==> flow/design.v <==
module word #(parameter N = 8) (
  input wire clk,
  input wire en,
  input wire [N-1:0] d,
  output reg [N-1:0] q
);
  always @(posedge clk)
    if (en) q <= d;
endmodule
module dp_mem_blk #(
  parameter DEPTH = 64,
  parameter NBITS = 6,
  parameter RP = 3,
  parameter ABITS = $clog2(DEPTH)
) (
  input  wire core_clk,
  input  wire rst_i,
  input  wire wr_en,
  input  wire [ABITS-1:0] write_addr,
  input  wire [NBITS-1:0] write_data,
  input  wire [RP*ABITS-1:0] read_addr,
  output reg [RP*NBITS-1:0] rd_data
);
  reg wr_en_reg;
  always @(posedge core_clk) begin
    if (rst_i) begin
      wr_en_reg <= 1'b0;
    end else begin
      wr_en_reg <= wr_en;
    end
  end
  reg [ABITS-1:0] write_addr_reg;
  always @(posedge core_clk) begin
    if (rst_i) begin
      write_addr_reg <= 0;
    end else begin
      write_addr_reg <= write_addr;
    end
  end
  reg [NBITS-1:0] write_data_reg;
  always @(posedge core_clk) begin
    if (rst_i) begin
      write_data_reg <= 0;
    end else begin
      write_data_reg <= write_data;
    end
  end
  wire [DEPTH*NBITS-1:0] bank;
  genvar g;
  generate
    for (g = 0; g < DEPTH; g = g + 1) begin : each
      word #(.N(NBITS)) u (.clk(core_clk), .en(wr_en_reg && write_addr_reg == g), .d(write_data_reg), .q(bank[g*NBITS +: NBITS]));
    end
  endgenerate
  reg [RP*ABITS-1:0] read_addr_reg;
  always @(posedge core_clk) begin
    if (rst_i) begin
      read_addr_reg <= 0;
    end else begin
      read_addr_reg <= read_addr;
    end
  end
  wire [RP*NBITS-1:0] work;
  genvar m;
  generate
    for (m = 0; m < RP; m = m + 1) begin : u_g
      assign work[m*NBITS +: NBITS] = bank[read_addr_reg[m*ABITS +: ABITS]*NBITS +: NBITS];
    end
  endgenerate
  always @(posedge core_clk) begin
    if (rst_i) begin
      rd_data <= 0;
    end else begin
      rd_data <= work;
    end
  end
endmodule
# Step by step through the tools: dp_mem_blk
# What the tools print for dp_mem_blk, step after step.
# Line numbers count from 1 in the design file above.
# Not given: -
[inputs] design="dp_mem_blk" clock="core_clk" lib="sky130hd" corner="tt_025C_1v80"

# After elaboration
# Yosys after proc, flatten, opt, wreduce and memory -nomap, before mapping. Enables and synchronous resets that opt folds into registers are not counted as muxes. Memory bits, and registers merged into a memory's read port (data or address), are not among the register bits. Print and check cells are not counted. Equal cells are merged and count once.
[bits] word_cells=203 output_inout_bits=18 in_bits=33 register_bits=433
[op_classes] n_shift=3 n_reduce_logical=65 mul=3 eq_ne=63
[ops] cell="indexed select 384 x 10 -> 6 bit" n=3
[ops] cell="== test 6 bit with constant B" n=32
[ops] cell="== test 6 x 5 -> 1 bit with constant B" n=16
[ops] cell="logical AND 1 bit" n=64
[ops] cell="multiplier 6 x 2 -> 8 bit with constant B" n=3
[ops] cell="== test 6 x 4 -> 1 bit with constant B" n=8
[ops] cell="== test 6 x 3 -> 1 bit with constant B" n=4
[ops] cell="== test 6 x 2 -> 1 bit with constant B" n=2
[ops] cell="== test 6 x 1 -> 1 bit with constant B" n=1
[ops] cell="logical NOT 6 bit" n=1

# Depth
# Longest topological path by Yosys (ltp), each cell counted once; first at word level (registers and memories cut), then after technology mapping (sequential cells cut; the memories' decode and read muxes count).
[depth] word_depth=2 ABC_AREA=0 ltp_mapped=9 depth_no_buf=5

# Synthesis result
# Yosys stat after the flow's synthesis: flattened, memories mapped to cells. It holds for the ABC_AREA given above (unset counts as 0); a run with the other value may have another netlist.
[synth_totals] mapped_area_um2=22591.7 ffs=433 n_buf=108 sequential_area_um2=12512.0 mapped_cells=1305
[types] type="sky130_fd_sc_hd__edfxtp_1" n=384 area_total_um2=1.15E+04
[types] type="sky130_fd_sc_hd__mux4_2" n=285 area_total_um2=6.42E+03
[types] type="sky130_fd_sc_hd__dfxtp_1" n=49 area_total_um2=980.941
[types] type="sky130_fd_sc_hd__mux2i_1" n=43 area_total_um2=430.413
[types] type="sky130_fd_sc_hd__nor2_1" n=91 area_total_um2=341.578
[types] type="sky130_fd_sc_hd__nor2b_1" n=53 area_total_um2=331.568
[types] type="sky130_fd_sc_hd__o22ai_1" n=33 area_total_um2=206.448
[types] type="sky130_fd_sc_hd__buf_4" n=26 area_total_um2=195.187
[types] type="sky130_fd_sc_hd__mux2_2" n=14 area_total_um2=157.651
[types] type="sky130_fd_sc_hd__buf_2" n=30 area_total_um2=150.144
[types] type="sky130_fd_sc_hd__clkbuf_1" n=37 area_total_um2=138.883
[types] type="sky130_fd_sc_hd__buf_6" n=12 area_total_um2=135.13
[types] type="sky130_fd_sc_hd__nor3_1" n=27 area_total_um2=135.13
[types] type="sky130_fd_sc_hd__nand3_1" n=22 area_total_um2=110.106
[types] type="sky130_fd_sc_hd__nand2_1" n=29 area_total_um2=108.854
[types] type="sky130_fd_sc_hd__a22oi_1" n=13 area_total_um2=97.594
[types] type="sky130_fd_sc_hd__nand2b_1" n=13 area_total_um2=81.328
[types] type="sky130_fd_sc_hd__a2111oi_0" n=8 area_total_um2=70.067
# Other cell types: 38; their cells: 136.
# By module: a second synthesis without flattening, with its own total; a netlist apart from the flattened one above.
[unflattened] cells_unflattened=1252 hier_area_um2=22844.4
# Rows give one instance, submodules left out.
[modules] mod="word (N=6)" mod_area_um2=180.2 cells=6 instances=64 seq_area_um2=180.2
[modules] mod="dp_mem_blk" mod_area_um2=11313.4 cells=868 instances=1 seq_area_um2=980.9

# Timing after synthesis
# Path of least setup slack by OpenSTA after synthesis, without wires, with an ideal clock, recovery checks aside; 20% of the period is set as input and as output delay. Where synthesis merged equal registers, the netlist keeps one of their names.
[synth_timing] kind="register -> register" from="reg read_addr_reg[6]" to="reg rd_data[10]" path_slack_ps=508 stages=8 t_required_ps=2410 path_buffers=3 arrival_time_ps=1902 t_first_pin_ps=0 path_delay_ps=2022 period_ps=2530 setup_time_ps=120 synth_period_reached_ps=2022
# "path_delay_ps" is the arrival time less input delay plus setup time.
# "stages" counts driving pins, that of a launching flip-flop among them; a cell with two outputs on the path counts twice.
# "synth_period_reached_ps" is the clock period less the worst setup slack; recovery checks do not enter. This is arithmetic on one report: input and output delays are still those of the set period (20% each).
# Between the ends stands the longest chain of elaborated cells between them, by number of cells; it is not shown to be the way that was timed. Of several equally long chains one is given.
# Each line given opens the expression or statement behind the cell; cells for indexed reads and writes are added by Yosys, which also makes memories of some case tables.
[synth_via] cell_sequence="sky130_fd_sc_hd__dfxtp_1 sky130_fd_sc_hd__buf_6 sky130_fd_sc_hd__buf_6 sky130_fd_sc_hd__buf_6 sky130_fd_sc_hd__mux4_2 sky130_fd_sc_hd__a22oi_1 sky130_fd_sc_hd__nand4_1 sky130_fd_sc_hd__a211o_1" elab_chain_cells=2 cells_between=2 cone_lines=1 cone_classes="mul (1); shift (1)"
[synth_lines] element="from (decl)" line_no=55 source="reg [RP*ABITS-1:0] read_addr_reg;"
[synth_lines] element="from (assign)" line_no=58 source="read_addr_reg <= 0;"
[synth_lines] element="from (assign)" line_no=60 source="read_addr_reg <= read_addr;"
[synth_lines] element="multiplier 6 x 2 -> 8 bit" line_no=67 source="assign work[m*NBITS +: NBITS] = bank[read_addr_reg[m*ABITS +: ABITS]*NBITS +: NBITS];"
[synth_lines] element="indexed select 384 x 10 -> 6 bit" line_no=67
[synth_lines] element="to (assign)" line_no=72 source="rd_data <= 0;"
[synth_lines] element="to (assign)" line_no=74 source="rd_data <= work;"
[synth_lines] element="to (decl)" line_no=22 source="output reg [RP*NBITS-1:0] rd_data"

# Path in the finished layout
# From the final timing report of run 1: the path of least setup slack in the routed layout; clock arrival at registers is part of the times.
# The report prints the path's times to 10 ps; the period is as set.
[layout_timing] kind="register -> register" from="reg read_addr_reg[12]" to="reg rd_data[12]" period_ps=1920 t_first_pin_ps=600 setup_time_ps=120 t_required_ps=2400 stages=8 arrival_time_ps=2750 path_slack_ps=-350 path_buffers=2
# Between the ends stands the longest chain of elaborated cells between them, by number of cells; it is not shown to be the way that was timed. Of several equally long chains one is given.
[layout_via] cell_sequence="sky130_fd_sc_hd__dfxtp_4 sky130_fd_sc_hd__buf_6 sky130_fd_sc_hd__buf_12 sky130_fd_sc_hd__mux4_2 sky130_fd_sc_hd__mux2i_2 sky130_fd_sc_hd__a211o_1 sky130_fd_sc_hd__a31oi_4 sky130_fd_sc_hd__a41o_1" elab_chain_cells=2 cells_between=2 cone_lines=1 cone_classes="mul (1); shift (1)"
[layout_lines] element="from (decl)" line_no=55 source="reg [RP*ABITS-1:0] read_addr_reg;"
[layout_lines] element="from (assign)" line_no=58 source="read_addr_reg <= 0;"
[layout_lines] element="from (assign)" line_no=60 source="read_addr_reg <= read_addr;"
[layout_lines] element="multiplier 6 x 2 -> 8 bit" line_no=67 source="assign work[m*NBITS +: NBITS] = bank[read_addr_reg[m*ABITS +: ABITS]*NBITS +: NBITS];"
[layout_lines] element="indexed select 384 x 10 -> 6 bit" line_no=67
[layout_lines] element="to (assign)" line_no=72 source="rd_data <= 0;"
[layout_lines] element="to (assign)" line_no=74 source="rd_data <= work;"
[layout_lines] element="to (decl)" line_no=22 source="output reg [RP*NBITS-1:0] rd_data"

# Stored flow runs of dp_mem_blk (3 of them; Yosys, OpenROAD, sky130hd). They differ in their settings and are not a sequence. Constraints: input delay and output delay 20% of the set period each, output load 0.01 pF.
# "clock_period_reached_ps" is the run's clock period less its worst setup slack. It is reckoned from that one timing run; input and output delays stay at 20% of the period that was set.
# By "worst_path_ps" is meant the share of the clock period that the worst setup path is allowed (20% is reserved at inputs, 20% at outputs), minus its slack. Clock arrival times at its registers enter into it.
# "fin_power_uw": no workload was simulated; the value follows from the tool's default switching activity.
# "worst_path_ps" is given in steps of 10 ps.
run="run 1" settings period_ns=1.92 CORE_UTILIZATION=36 SETUP_SLACK_MARGIN=0.57 PLACE_DENSITY_LB_ADDON=0.26 CORE_ASPECT_RATIO=0.92 CELL_PAD_IN_SITES_GLOBAL_PLACEMENT=1 GPL_TIMING_DRIVEN=1 MAX_ROUTING_LAYER="met5" CAP_MARGIN=20 CORE_MARGIN=2 SLEW_MARGIN=20
run="run 1" results post_synth_area_um2=22591.7 total_die_area_um2=64776.9 finish.stdcell_area_um2=31104.8 util_pct=49.8 worst_setup_slack_ps=-352 tns_ps=-3957 ws_hold_ps=323 fin_power_uw=23734 clock_period_reached_ps=2272 worst_path_ps=2270 worst_path_kind="register -> register"
run="run 2" settings period_ns=2.53 CAP_MARGIN=20 CORE_MARGIN=2 CORE_UTILIZATION=40 SLEW_MARGIN=20
run="run 2" results post_synth_area_um2=22591.7 total_die_area_um2=58397.1 finish.stdcell_area_um2=26706.9 util_pct=47.6 worst_setup_slack_ps=59 tns_ps=0 ws_hold_ps=460 fin_power_uw=16980 clock_period_reached_ps=2471 worst_path_ps=2470 worst_path_kind="register -> register"
run="run 3" settings period_ns=1.24 CORE_UTILIZATION=21 TNS_END_PERCENT=30 ABC_AREA=0 CTS_CLUSTER_SIZE=28 MIN_ROUTING_LAYER="met1" MAX_ROUTING_LAYER="met5" CAP_MARGIN=20 CORE_MARGIN=2 SLEW_MARGIN=20
run="run 3" results post_synth_area_um2=22591.7 total_die_area_um2=110217.0 finish.stdcell_area_um2=32844.0 util_pct=30.7 worst_setup_slack_ps=-993 tns_ps=-104033 ws_hold_ps=86 fin_power_uw=36392 clock_period_reached_ps=2233 worst_path_ps=2230 worst_path_kind="register -> register"
